==> flow/design.v <==
module dp_mplex_v2 #(
    parameter XLEN = 4
) (
    input  clock,
    input  srst,
    input  [XLEN-1:0] ch_0_in,
    input  [XLEN-1:0] ch_1_in,
    input  [XLEN-1:0] ch_2_in,
    input  [XLEN-1:0] ch_3_in,
    input  [XLEN-1:0] ch_4_in,
    input  [XLEN-1:0] ch_5_in,
    input  [4:0] addr_in,
    output [XLEN-1:0] result_out
);
    reg [XLEN-1:0] ch_0_r;
    reg [XLEN-1:0] ch_1_r;
    reg [XLEN-1:0] ch_2_r;
    reg [XLEN-1:0] ch_3_r;
    reg [XLEN-1:0] ch_4_r;
    reg [XLEN-1:0] ch_5_r;
    reg [4:0] addr_r;
    reg [XLEN-1:0] work;
    always @(*) begin
        casez (addr_r)
            5'b????1: work = ch_0_r;
            5'b???10: work = ch_1_r;
            5'b??100: work = ch_2_r;
            5'b?1000: work = ch_3_r;
            5'b10000: work = ch_4_r;
            default: work = ch_5_r;
        endcase
    end
    assign result_out = work;
    always @(posedge clock) begin
        if (srst) begin
            ch_0_r <= 0;
            ch_1_r <= 0;
            ch_2_r <= 0;
            ch_3_r <= 0;
            ch_4_r <= 0;
            ch_5_r <= 0;
            addr_r <= 0;
        end else begin
            ch_0_r <= ch_0_in;
            ch_1_r <= ch_1_in;
            ch_2_r <= ch_2_in;
            ch_3_r <= ch_3_in;
            ch_4_r <= ch_4_in;
            ch_5_r <= ch_5_in;
            addr_r <= addr_in;
        end
    end
endmodule
# --- Tool chain data of dp_mplex_v2 ---
# Tool output for the members of one design family, told apart by "XLEN", in the order of the flow.
# The RTL above is that of XLEN 4; lines are counted from 1 in the file of the member named.
# Operators: Yosys type, input widths -> output width; for muxes data width and select width s.
inputs:
  top: "dp_mplex_v2"
  clock: "clock"
  library: "sky130hd"
  lib_corner: "tt_025C_1v80"

# --- Source of the members ---
# New or changed lines of each further member against the RTL above, in its own file; lines it lacks are not shown.
src_changes:
  columns: ["XLEN", "line_no", "rtl"]
  rows:
  - [16, 2, "parameter XLEN = 16"]
  - [32, 2, "parameter XLEN = 32"]
  - [48, 2, "parameter XLEN = 48"]

# --- Word-level counts ---
# Yosys after proc, flatten, opt, wreduce and memory -nomap, before mapping. Enables and synchronous resets that opt folds into registers are not counted as muxes. Memory bits, and registers merged into a memory's read port (data or address), are not among the register bits. Print and check cells are not counted. Equal cells are merged and count once.
bits:
  columns: ["XLEN", "out_inout_bits", "regBits"]
  rows:
  - [4, 4, 29]
  - [16, 16, 101]
  - [32, 32, 197]
  - [48, 48, 293]
classes:
  columns: ["XLEN", "mux", "equal"]
  rows:
  - [4, 1, 4]
  - [16, 1, 4]
  - [32, 1, 4]
  - [48, 1, 4]
ops:
  columns: ["XLEN", "operators"]
  rows:
  - [4, "1 x $pmux 4 s5; 1 x $eq 5x5->1 const B; 1 x $eq 4x4->1 const B; 1 x $eq 3x3->1 const B; 1 x $eq 2x2->1 const B"]
  - [16, "1 x $pmux 16 s5; 1 x $eq 5x5->1 const B; 1 x $eq 4x4->1 const B; 1 x $eq 3x3->1 const B; 1 x $eq 2x2->1 const B"]
  - [32, "1 x $pmux 32 s5; 1 x $eq 5x5->1 const B; 1 x $eq 4x4->1 const B; 1 x $eq 3x3->1 const B; 1 x $eq 2x2->1 const B"]
  - [48, "1 x $pmux 48 s5; 1 x $eq 5x5->1 const B; 1 x $eq 4x4->1 const B; 1 x $eq 3x3->1 const B; 1 x $eq 2x2->1 const B"]

# --- Depth ---
# Longest topological path by Yosys (ltp), each cell counted once; first at word level (registers and memories cut), then after technology mapping (sequential cells cut; the memories' decode and read muxes count).
logic_depth:
  columns: ["XLEN", "ltp_word", "ABC_AREA", "mapped_depth", "depth_no_buf"]
  rows:
  - [4, 2, 0, 4, 3]
  - [16, 2, 0, 6, 3]
  - [32, 2, 0, 5, 3]
  - [48, 2, 0, 6, 3]

# --- Synthesis result ---
# Yosys stat after the flow's synthesis: flattened, memories mapped to cells. It holds for the ABC_AREA given above (unset counts as 0); a run with the other value may have another netlist.
types:
  columns: ["XLEN", "cell_types"]
  rows:
  - [4, "29 x sky130_fd_sc_hd__dfxtp_1; 29 x sky130_fd_sc_hd__nor2b_1; 4 x sky130_fd_sc_hd__a22o_1; 4 x sky130_fd_sc_hd__a2bb2oi_1; 4 x sky130_fd_sc_hd__a22oi_1; 4 x sky130_fd_sc_hd__nand3b_1; 4 x sky130_fd_sc_hd__nand2b_1; 1 x sky130_fd_sc_hd__nor4b_4; 2 x sky130_fd_sc_hd__buf_6; 1 x sky130_fd_sc_hd__nor4_4; 4 x sky130_fd_sc_hd__a21oi_1; 4 x sky130_fd_sc_hd__inv_1; 3 x sky130_fd_sc_hd__clkbuf_1; 1 x sky130_fd_sc_hd__nand2b_2"]
  - [16, "101 x sky130_fd_sc_hd__dfxtp_1; 101 x sky130_fd_sc_hd__nor2b_1; 16 x sky130_fd_sc_hd__a22o_1; 16 x sky130_fd_sc_hd__a2bb2oi_1; 16 x sky130_fd_sc_hd__a22oi_1; 16 x sky130_fd_sc_hd__nand3b_1; 17 x sky130_fd_sc_hd__nand2b_1; 16 x sky130_fd_sc_hd__a21oi_1; 19 x sky130_fd_sc_hd__clkbuf_1; 16 x sky130_fd_sc_hd__inv_1; 5 x sky130_fd_sc_hd__buf_2; 1 x sky130_fd_sc_hd__nor4b_4; 1 x sky130_fd_sc_hd__nor4_4; 1 x sky130_fd_sc_hd__buf_6"]
  - [32, "197 x sky130_fd_sc_hd__dfxtp_1; 197 x sky130_fd_sc_hd__nor2b_1; 30 x sky130_fd_sc_hd__a2bb2oi_2; 32 x sky130_fd_sc_hd__a22o_1; 32 x sky130_fd_sc_hd__nand3b_1; 31 x sky130_fd_sc_hd__a22oi_1; 32 x sky130_fd_sc_hd__nand2b_1; 32 x sky130_fd_sc_hd__a21oi_1; 32 x sky130_fd_sc_hd__inv_1; 31 x sky130_fd_sc_hd__clkbuf_1; 6 x sky130_fd_sc_hd__buf_6; 12 x sky130_fd_sc_hd__buf_2; 1 x sky130_fd_sc_hd__nor4b_4; 1 x sky130_fd_sc_hd__nor4_4; 2 x sky130_fd_sc_hd__a2bb2oi_1; 1 x sky130_fd_sc_hd__nand2b_4; 1 x sky130_fd_sc_hd__a22oi_2; 2 x sky130_fd_sc_hd__buf_1; 1 x sky130_fd_sc_hd__buf_4"]
  - [48, "293 x sky130_fd_sc_hd__dfxtp_1; 293 x sky130_fd_sc_hd__nor2b_1; 48 x sky130_fd_sc_hd__a22o_1; 48 x sky130_fd_sc_hd__a22oi_1; 48 x sky130_fd_sc_hd__nand3b_1; 38 x sky130_fd_sc_hd__a2bb2oi_1; 41 x sky130_fd_sc_hd__nand2b_1; 48 x sky130_fd_sc_hd__a21oi_1; 54 x sky130_fd_sc_hd__clkbuf_1; 48 x sky130_fd_sc_hd__inv_1; 10 x sky130_fd_sc_hd__a2bb2oi_2; 16 x sky130_fd_sc_hd__buf_2; 8 x sky130_fd_sc_hd__or2b_1; 5 x sky130_fd_sc_hd__buf_4; 1 x sky130_fd_sc_hd__nor4b_4; 1 x sky130_fd_sc_hd__nor4_4; 3 x sky130_fd_sc_hd__buf_1; 1 x sky130_fd_sc_hd__buf_6"]
mapped:
  columns: ["XLEN", "stdcells", "flip_flops", "sequential_area_um2", "mapped_area_um2", "buf_cells"]
  rows:
  - [4, 94, 29, 580.6, 1039.7, 5]
  - [16, 342, 101, 2021.9, 3573.4, 25]
  - [32, 673, 197, 3943.8, 7208.2, 52]
  - [48, 1004, 293, 5865.6, 10447.5, 79]

# --- Worst setup path after synthesis ---
# Path of least setup slack by OpenSTA after synthesis, without wires, with an ideal clock, recovery checks aside; 20% of the period is set as input and as output delay. Where synthesis merged equal registers, the netlist keeps one of their names.
synth_timing:
  columns: ["XLEN", "path_type", "start", "end", "driving_pins", "path_delay_ns", "setup_slack_ns", "period_ns", "synth_period_reached_ns"]
  rows:
  - [4, "reg-to-output", "register addr_r[1]", "output port result_out[0]", 5, 1.138, 0.286, 1.78, 1.494]
  - [16, "reg-to-output", "register addr_r[0]", "output port result_out[0]", 6, 1.399, 0.353, 2.19, 1.837]
  - [32, "reg-to-output", "register addr_r[2]", "output port result_out[0]", 6, 1.308, 0.324, 2.04, 1.716]
  - [48, "reg-to-output", "register addr_r[1]", "output port result_out[18]", 7, 1.401, 0.351, 2.19, 1.839]
# "path_delay_ns" is the arrival time less input delay plus setup time.
# At an output port there is no setup time.
# "driving_pins": output pins that drive a net of the path, with the launching flip-flop's if there is one; two outputs of one cell count as two.
# "synth_period_reached_ns" = period - worst setup slack (recovery checks aside). The figure is calculated, with input and output delays left at 20% of the set period.
# Between the ends stands the longest chain of elaborated cells between them, by number of cells; it is not shown to be the way that was timed. Of several equally long chains one is given.
# A line is the first line of the expression or statement that the cell stems from. Yosys adds cells for indexed reads and writes and turns some case tables into memories.
synth_between_XLEN_4:
  elab_chain_cells: 2
synth_lines_XLEN_4:
  columns: ["element", "line_no", "rtl"]
  rows:
  - ["start, declared", 21, "reg [4:0] addr_r;"]
  - ["start, assigned", 42, "addr_r <= 0;"]
  - ["start, assigned", 50, "addr_r <= addr_in;"]
  - ["$eq 5x5->1", 24, "casez (addr_r)"]
  - ["$pmux 4 s5", 24, null]
  - ["end, declared", 13, "output [XLEN-1:0] result_out"]
synth_between_XLEN_48:
  elab_chain_cells: 2
synth_lines_XLEN_48:
  columns: ["element", "line_no", "rtl"]
  rows:
  - ["start, declared", 21, "reg [4:0] addr_r;"]
  - ["start, assigned", 42, "addr_r <= 0;"]
  - ["start, assigned", 50, "addr_r <= addr_in;"]
  - ["$eq 5x5->1", 24, "casez (addr_r)"]
  - ["$pmux 48 s5", 24, null]
  - ["end, declared", 13, "output [XLEN-1:0] result_out"]

# --- Timing after layout ---
# Path of least setup slack in the final report of each member's run (OpenROAD, finished layout, wires in). Where an end is a register, its clock arrival counts in the times.
layout_timing:
  columns: ["XLEN", "path_type", "start", "end", "t_arrival_ns", "driving_pins", "path_buffers", "period_ns", "setup_slack_ns"]
  rows:
  - [4, "reg-to-output", "register addr_r[0]", "output port result_out[1]", 1.56, 6, 2, 1.78, -0.14]
  - [16, "reg-to-output", "register addr_r[0]", "output port result_out[5]", 1.74, 6, 2, 2.19, 0.01]
  - [32, "reg-to-output", "register addr_r[0]", "output port result_out[3]", 2.00, 8, 4, 2.04, -0.36]
  - [48, "reg-to-output", "register addr_r[1]", "output port result_out[30]", 2.05, 8, 4, 2.19, -0.30]

# --- Measured runs ---
# Settings and results of one run of the flow (Yosys, OpenROAD) for each member follow. The constraints put input and output delay at 20% of the set period each and load the outputs with 0.01 pF.
settings:
  CAP_MARGIN: 20
  CORE_MARGIN: 2
  CORE_UTILIZATION: 40
  SLEW_MARGIN: 20
settings_by_member:
  columns: ["XLEN", "period_ns"]
  rows:
  - [4, 1.78]
  - [16, 2.19]
  - [32, 2.04]
  - [48, 2.19]
measured:
  columns: ["XLEN", "yosys_chip_area_um2", "dieArea_um2", "setup_tns_ns", "timing.hold.ws_ns", "final_setup_ws_ns", "final_cell_area_um2"]
  rows:
  - [4, 1039.7, 3023.3, -0.399, 0.571, -0.135, 1550.2]
  - [16, 3573.4, 9705.2, 0.000, 0.473, 0.013, 5178.7]
  - [32, 7208.2, 19110.3, -10.443, 0.337, -0.365, 10458.8]
  - [48, 10447.5, 27428.3, -12.739, 0.418, -0.297, 15715.1]
